==> flow/design.v <==
module core_times #(
    parameter BITS = 8,
    parameter NUM = 3,
    parameter RES_W = 2*BITS + $clog2(NUM)
) (
    input  wire clk_i,
    input  wire aresetn,
    input  wire ce,
    input  wire [NUM*BITS-1:0] in_a,
    input  wire [NUM*BITS-1:0] in_b,
    output reg [RES_W-1:0] out_m
);
    reg [NUM*BITS-1:0] a_s;
    always @(posedge clk_i or negedge aresetn) begin
        if (~aresetn) begin
            a_s <= 0;
        end else if (ce) begin
            a_s <= in_a;
        end
    end
    reg [NUM*BITS-1:0] b_s;
    always @(posedge clk_i or negedge aresetn) begin
        if (~aresetn) begin
            b_s <= 0;
        end else if (ce) begin
            b_s <= in_b;
        end
    end
    reg [RES_W-1:0] r;
    integer n;
    always @* begin
        r = 0;
        for (n = 0; n < NUM; n = n + 1)
            r = r + a_s[n*BITS +: BITS] * b_s[n*BITS +: BITS];
    end
    always @(posedge clk_i or negedge aresetn) begin
        if (~aresetn) begin
            out_m <= 0;
        end else if (ce) begin
            out_m <= r;
        end
    end
endmodule
# From RTL to reports: core_times
# What the tools print for core_times, step after step.
# Line numbers count from 1 in the design file above.
# Operators: Yosys type, input widths -> output width; for muxes data width and select width s.
# Library cell names are shortened.
# Not given: -
# inputs
top,core_times
clock,clk_i
cell_library,sky130hd
corner,tt_025C_1v80

# After elaboration
# Source: Yosys, flattened and elaborated, memories not mapped. Widths are those after wreduce; folded enables and synchronous resets count as part of the registers. Registers that Yosys merges into a memory's read port (data or address) are not register bits. Print and check cells do not count. Equal cells are merged and count once.
# op_classes
addsub,2
mul,3
n_div,0
cmp,0
eq_ne,0
shift,0
mux,0
bitwise,0
reduce_and_logical,0
# ops
operator,n
$mul 8x8->16,3
$add 17x16->18,1
$add 16x16->17,1
# bits
register_bits,66
latchBits,0
ramBits,0
rom_bits,0
clocked_rd_ports_x_width,0
n_memories,0
output_inout_bits,18
elab_cells,8

# Depth
# Longest topological path by Yosys (ltp), each cell counted once; first at word level (registers and memories cut), then after technology mapping (sequential cells cut; the memories' decode and read muxes count).
# logic_depth
ltp_word,3
abc_area,0
ltp_mapped,23
depth_no_buf,21

# Mapped cells and area
# The flow's flattened synthesis, as Yosys stat reports it; memories are mapped. The netlist is that of the ABC_AREA named above (0 if unset); the other value can give another one.
# synth_totals
mapped_cells,930
mapped_area_mm2,0.0093953
seq_area_mm2,0.0016516
ff_cells,66
# types
cell_type,n
fa_1,161
dfrtp_1,66
ha_1,99
inv_1,235
and2_1,124
mux2_2,56
nand2_1,81
a21oi_1,11
clkbuf_1,12
xnor2_1,5
mux2i_1,4
nor2_1,8
buf_2,5
nand4_1,4
nor3_1,5
a211oi_1,3
a21o_1,3
o31ai_1,3
# Other cell types: 31; their cells: 45.

# Worst setup path after synthesis
# Source: OpenSTA report_checks on the synthesized netlist (no wires, ideal clock, input and output delay 20% of the period each), path of least setup slack; recovery checks are left aside. Register names are those of the netlist, which keeps one name where synthesis merged equal registers.
# synth_timing
kind,reg-to-reg
start,register a_s[21]
end,register out_m[17]
tclk_ns,7.12
setup_time_ns,0.092
launch_ns,0.000
arrival_time_ns,5.605
t_required_ns,7.028
setup_slack_ns,1.423
path_delay_ns,5.697
path_stages,20
path_buffers,1
synth_period_reached_ns,5.697
# "path_delay_ns" is the arrival time less input delay plus setup time.
# "path_stages" counts driving pins, that of a launching flip-flop among them; a cell with two outputs on the path counts twice.
# "synth_period_reached_ns" = period - worst setup slack (recovery checks aside). The figure is calculated, with input and output delays left at 20% of the set period.
# Between the ends stands the longest chain of elaborated cells between them, by number of cells; it is not shown to be the way that was timed. Of several equally long chains one is given.
# A line is the first line of the expression or statement that the cell stems from. Yosys adds cells for indexed reads and writes and turns some case tables into memories.
# synth_via
cell_sequence,dfrtp_1 clkbuf_1 and2_1 fa_1 inv_1 fa_1 inv_1 fa_1 fa_1 inv_1 fa_1 fa_1 fa_1 inv_1 ha_1 a21o_1 a31o_1 a22o_1 o31a_1 o31ai_2
elab_chain_len,2
# synth_lines
item,line_no,rtl
start: declaration,13,reg [NUM*BITS-1:0] a_s;
start: assignment,16,a_s <= 0;
start: assignment,18,a_s <= in_a;
$mul 8x8->16,34,r = r + a_s[n*BITS +: BITS] * b_s[n*BITS +: BITS];
$add 17x16->18,34,
end: assignment,38,out_m <= 0;
end: assignment,40,out_m <= r;
end: declaration,11,output reg [RES_W-1:0] out_m

# Worst path after layout
# Path of least setup slack in the final report of entry A (OpenROAD, finished layout, wires in). Where an end is a register, its clock arrival counts in the times.
# layout_timing
kind,reg-to-reg
start,register a_s[7]
end,register out_m[15]
tclk_ns,7.12
setup_time_ns,0.08
launch_ns,0.34
arrival_time_ns,6.53
t_required_ns,7.38
setup_slack_ns,0.86
path_stages,19
path_buffers,0
# Between the ends stands the longest chain of elaborated cells between them, by number of cells; it is not shown to be the way that was timed. Of several equally long chains one is given.
# layout_via
cell_sequence,dfrtp_1 and2_1 fa_1 fa_1 inv_1 fa_1 fa_1 inv_1 fa_1 fa_1 inv_1 fa_1 inv_1 ha_1 a21o_1 a21oi_2 a21oi_1 a221oi_1 mux2i_1
elab_chain_len,3
# layout_lines
item,line_no,rtl
start: declaration,13,reg [NUM*BITS-1:0] a_s;
start: assignment,16,a_s <= 0;
start: assignment,18,a_s <= in_a;
$mul 8x8->16,34,r = r + a_s[n*BITS +: BITS] * b_s[n*BITS +: BITS];
$add 16x16->17,34,
$add 17x16->18,34,
end: assignment,38,out_m <= 0;
end: assignment,40,out_m <= r;
end: declaration,11,output reg [RES_W-1:0] out_m

# Top module core_times; platform sky130hd; tools Yosys and OpenROAD; 3 stored runs in no particular order. Input and output delays are each 20% of the period that was set; the output load is 0.01 pF.
# "timing.worst_path_ns": the worst setup path's part of the clock period (all of it between registers, 20% less for each end at a port) less its slack. A launch clock that arrives late makes it longer, a capture clock that arrives late makes it shorter.
# A setting shown as . is not set for that run.
run,period_ns,CAP_MARGIN,CORE_MARGIN,CORE_UTILIZATION,SLEW_MARGIN,PLACE_DENSITY_LB_ADDON,CORE_ASPECT_RATIO,CELL_PAD_IN_SITES_GLOBAL_PLACEMENT,ABC_AREA,GPL_TIMING_DRIVEN,GPL_ROUTABILITY_DRIVEN,CTS_CLUSTER_SIZE,MAX_ROUTING_LAYER,CELL_PAD_IN_SITES_DETAIL_PLACEMENT,TNS_END_PERCENT,CTS_CLUSTER_DIAMETER,design.die.area_mm2,fin_hold_ws_ns,final_setup_ws_ns,finish.stdcell_area_mm2,synth_chip_area_mm2,timing.worst_path_ns,worstPathKind
entry A,7.12,20,2,40,20,.,.,.,.,.,.,.,.,.,.,.,0.0247307,0.482,0.856,0.010644,0.0093953,6.26,reg-to-reg
entry B,8.05,20,2,60,20,0.02,0.95,0,0,1,0,53,met4,.,.,.,0.0166759,0.493,1.812,0.0105714,0.0093953,6.24,reg-to-reg
entry C,11.2,20,3,45,20,0.03,0.55,.,.,.,0,53,met4,2,30,301,0.0227265,0.505,4.739,0.0107015,0.0093953,6.46,reg-to-reg
